==> flow/design.v <==
module subtractor_top #(
    parameter int DW = 80
) (
    input logic clk,
    input logic srst,
    input logic ce,
    input logic [DW-1:0] first,
    input logic [DW-1:0] second,
    input logic dir,
    output logic [DW:0] res
);
    logic [DW-1:0] first_reg;
    logic [DW-1:0] second_reg;
    logic dir_reg;
    assign res = dir_reg ? first_reg - second_reg : first_reg + second_reg;
    always_ff @(posedge clk) begin
        if (srst) begin
            first_reg <= '0;
            second_reg <= '0;
            dir_reg <= 1'b0;
        end else if (ce) begin
            first_reg <= first;
            second_reg <= second;
            dir_reg <= dir;
        end
    end
endmodule
# Reports on subtractor_top
# The steps from the RTL of subtractor_top to its reports follow in flow order.
# Line numbers count from 1 in the design file above.
# The mark - stands for no value.
[inputs]
top = "subtractor_top"
clk_port = "clk"
library = "sky130hd"
lib_corner = "tt_025C_1v80"

# Word-level counts
# Counts by Yosys on the flattened word-level netlist (proc, flatten, opt, wreduce; memories kept). Register bits leave out memories and registers merged into their read ports (data or address); mux counts leave out enables and synchronous resets folded into registers. Print and check cells are left out. Cells with the same type and inputs are merged into one.
[word_totals]
reg_bits = 161
wordCells = 6
[op_classes]
addsub = 2
mux = 1
[op_table]
columns = ["operator", "count"]
rows = [
  ["80-bit by 80-bit adder with 81-bit output", 1],
  ["80-bit by 80-bit subtractor with 81-bit output", 1],
  ["81-bit two-way mux", 1],
]

# Logic depth
# Yosys ltp: most cells in a row. Word level: on the elaborated netlist, between registers, memories and ports. Mapped: between sequential cells and ports; inverters and the memories' decode and read muxes count.
[logic_depth]
depth_word = 2
ABC_AREA = 0
ltp_mapped = 24
ltp_nobuf = 22

# After synthesis
# Source: synth_stat.txt of the flow (Yosys; design flattened, memories mapped). It holds for the ABC_AREA given above (unset counts as 0); a run with the other value may have another netlist.
[mapped]
cell_count = 1558
synth_area_um2 = 12288.0
seq_area_um2 = 3223.1
flip_flops = 161
buf_cells = 84
[types]
columns = ["type", "count"]
rows = [
  ["sky130_fd_sc_hd__dfxtp_1", 161],
  ["sky130_fd_sc_hd__mux2i_1", 162],
  ["sky130_fd_sc_hd__xnor2_1", 123],
  ["sky130_fd_sc_hd__ha_1", 81],
  ["sky130_fd_sc_hd__nor2_1", 269],
  ["sky130_fd_sc_hd__a21oi_1", 148],
  ["sky130_fd_sc_hd__a21o_1", 39],
  ["sky130_fd_sc_hd__o21ai_0", 57],
  ["sky130_fd_sc_hd__nand2_1", 74],
  ["sky130_fd_sc_hd__xor2_1", 31],
  ["sky130_fd_sc_hd__clkbuf_1", 66],
  ["sky130_fd_sc_hd__nor3_1", 42],
  ["sky130_fd_sc_hd__nand4_1", 30],
  ["sky130_fd_sc_hd__o21bai_1", 24],
  ["sky130_fd_sc_hd__a31oi_1", 28],
  ["sky130_fd_sc_hd__inv_1", 43],
  ["sky130_fd_sc_hd__nand3_1", 29],
  ["sky130_fd_sc_hd__nor4_1", 14],
]
# Other cell types: 50; their cells: 137.

# Worst setup path after synthesis
# Source: OpenSTA report_checks on the synthesized netlist (no wires, ideal clock, input and output delay 20% of the period each), path of least setup slack; recovery checks are left aside. Register names are those of the netlist, which keeps one name where synthesis merged equal registers.
[synth_timing]
path_kind = "reg-to-output"
startpoint = "register second_reg[36]"
endpoint = "output res[76]"
clock_period_ns = 7.34
launch_ns = 0.000
t_arrival_ns = 4.696
setup_slack_ns = 1.176
delay_ns = 4.696
stages = 20
synth_period_reached_ns = 6.164
# "delay_ns" is the arrival time less input delay plus setup time.
# A path that ends at an output port has no setup time.
# "stages" counts driving pins, that of a launching flip-flop among them; a cell with two outputs on the path counts twice.
# "synth_period_reached_ns" = period - worst setup slack (recovery checks aside). The figure is calculated, with input and output delays left at 20% of the set period.
# The rows between start and end are the longest chain of elaborated cells between them; the timing report does not say that the signal goes this way. Where chains are equally long, one stands for them.
# A line is the first line of the expression or statement that the cell stems from. Yosys adds cells for indexed reads and writes and turns some case tables into memories.
[synth_between]
cell_sequence = "sky130_fd_sc_hd__dfxtp_1 -> sky130_fd_sc_hd__or4_4 -> sky130_fd_sc_hd__or3_4 -> sky130_fd_sc_hd__or3_4 -> sky130_fd_sc_hd__nor4_4 -> sky130_fd_sc_hd__and2_4 -> sky130_fd_sc_hd__and3_1 -> sky130_fd_sc_hd__buf_4 -> sky130_fd_sc_hd__nor2_1 -> sky130_fd_sc_hd__xnor2_1 -> sky130_fd_sc_hd__ha_1 -> sky130_fd_sc_hd__clkbuf_1 -> sky130_fd_sc_hd__nand2_1 -> sky130_fd_sc_hd__nor4_1 -> sky130_fd_sc_hd__a21boi_0 -> sky130_fd_sc_hd__o21ai_0 -> sky130_fd_sc_hd__a41oi_1 -> sky130_fd_sc_hd__o21ai_0 -> sky130_fd_sc_hd__nor4_1 -> sky130_fd_sc_hd__a311oi_1"
elab_chain_len = 2
cone_cells = 3
cone_lines = 1
classes_between = "2 x add/sub; 1 x mux"
[synth_rtl]
columns = ["item", "line", "rtl"]
rows = [
  ["start, declared", 13, "logic [DW-1:0] second_reg;"],
  ["start, assigned", 19, "second_reg <= '0;"],
  ["start, assigned", 23, "second_reg <= second;"],
  ["80-bit by 80-bit adder with 81-bit output", 15, "assign res = dir_reg ? first_reg - second_reg : first_reg + second_reg;"],
  ["81-bit two-way mux", 15, ""],
  ["end, declared", 10, "output logic [DW:0] res"],
]

# Path in the finished layout
# From the final timing report of flow run B: the path of least setup slack in the routed layout; clock arrival at registers is part of the times.
[layout_timing]
path_kind = "reg-to-output"
startpoint = "register second_reg[2]"
endpoint = "output res[78]"
clock_period_ns = 11.6
launch_ns = 0.45
t_arrival_ns = 6.88
setup_slack_ns = 2.40
stages = 21
# The rows between start and end are the longest chain of elaborated cells between them; the timing report does not say that the signal goes this way. Where chains are equally long, one stands for them.
[layout_between]
cell_sequence = "sky130_fd_sc_hd__dfxtp_1 -> sky130_fd_sc_hd__nor4_1 -> sky130_fd_sc_hd__nor4b_2 -> sky130_fd_sc_hd__and2_1 -> sky130_fd_sc_hd__nand3_1 -> sky130_fd_sc_hd__nor3_1 -> sky130_fd_sc_hd__nor4b_1 -> sky130_fd_sc_hd__nor2_1 -> sky130_fd_sc_hd__xnor2_1 -> sky130_fd_sc_hd__ha_1 -> sky130_fd_sc_hd__nand2_1 -> sky130_fd_sc_hd__nor3_1 -> sky130_fd_sc_hd__nand2_1 -> sky130_fd_sc_hd__a31oi_1 -> sky130_fd_sc_hd__nor4_1 -> sky130_fd_sc_hd__a21o_1 -> sky130_fd_sc_hd__o31a_1 -> sky130_fd_sc_hd__o41ai_1 -> sky130_fd_sc_hd__a21oi_1 -> sky130_fd_sc_hd__xnor2_1 -> sky130_fd_sc_hd__clkdlybuf4s50_1"
elab_chain_len = 2
cone_cells = 3
cone_lines = 1
classes_between = "2 x add/sub; 1 x mux"
[layout_rtl]
columns = ["item", "line", "rtl"]
rows = [
  ["start, declared", 13, "logic [DW-1:0] second_reg;"],
  ["start, assigned", 19, "second_reg <= '0;"],
  ["start, assigned", 23, "second_reg <= second;"],
  ["80-bit by 80-bit adder with 81-bit output", 15, "assign res = dir_reg ? first_reg - second_reg : first_reg + second_reg;"],
  ["81-bit two-way mux", 15, ""],
  ["end, declared", 10, "output logic [DW:0] res"],
]

# Stored flow runs of subtractor_top (3 of them; Yosys, OpenROAD, sky130hd). They differ in their settings and are not a sequence. Constraints: input delay and output delay 20% of the set period each, output load 0.01 pF.
# "clock_period_reached_ns": clock period set for the run, less the worst setup slack. It is reckoned from that one timing run; input and output delays stay at 20% of the period that was set.
# "totalPower_w": no workload was simulated; the value follows from the tool's default switching activity.

[[run]]
name = "flow run A"
[run.settings]
period_ns = 6.22
CORE_UTILIZATION = 52
PLACE_DENSITY_LB_ADDON = 0.08
HOLD_SLACK_MARGIN = 0.24
CORE_ASPECT_RATIO = 0.62
CELL_PAD_IN_SITES_DETAIL_PLACEMENT = 2
GPL_TIMING_DRIVEN = 0
CTS_CLUSTER_SIZE = 79
CTS_CLUSTER_DIAMETER = 103
SLEW_MARGIN = 40
MIN_ROUTING_LAYER = "met1"
MAX_ROUTING_LAYER = "met4"
CAP_MARGIN = 20
CORE_MARGIN = 2
[run.results]
outcome = "stopped before the end: placement reported DPL-0033"

[[run]]
name = "flow run B"
[run.settings]
period_ns = 11.6
CORE_UTILIZATION = 19
SETUP_SLACK_MARGIN = 1.89
CORE_ASPECT_RATIO = 1.66
CELL_PAD_IN_SITES_GLOBAL_PLACEMENT = 0
TNS_END_PERCENT = 25
ABC_AREA = 0
GPL_TIMING_DRIVEN = 1
SLEW_MARGIN = 15
CAP_MARGIN = 20
CORE_MARGIN = 2
[run.results]
synth_chip_area_um2 = 12288.0
die_area_um2 = 66790.3
post_route_util_pct = 25.2
ws_setup_ns = 2.398
final_hold_ws_ns = 0.497
totalPower_w = 0.002108
clock_period_reached_ns = 9.202

[[run]]
name = "flow run C"
[run.settings]
period_ns = 7.34
CAP_MARGIN = 20
CORE_MARGIN = 2
CORE_UTILIZATION = 40
SLEW_MARGIN = 20
[run.results]
synth_chip_area_um2 = 12288.0
die_area_um2 = 32137.7
post_route_util_pct = 53.6
ws_setup_ns = 0.193
final_hold_ws_ns = 0.503
totalPower_w = 0.003228
clock_period_reached_ns = 7.147
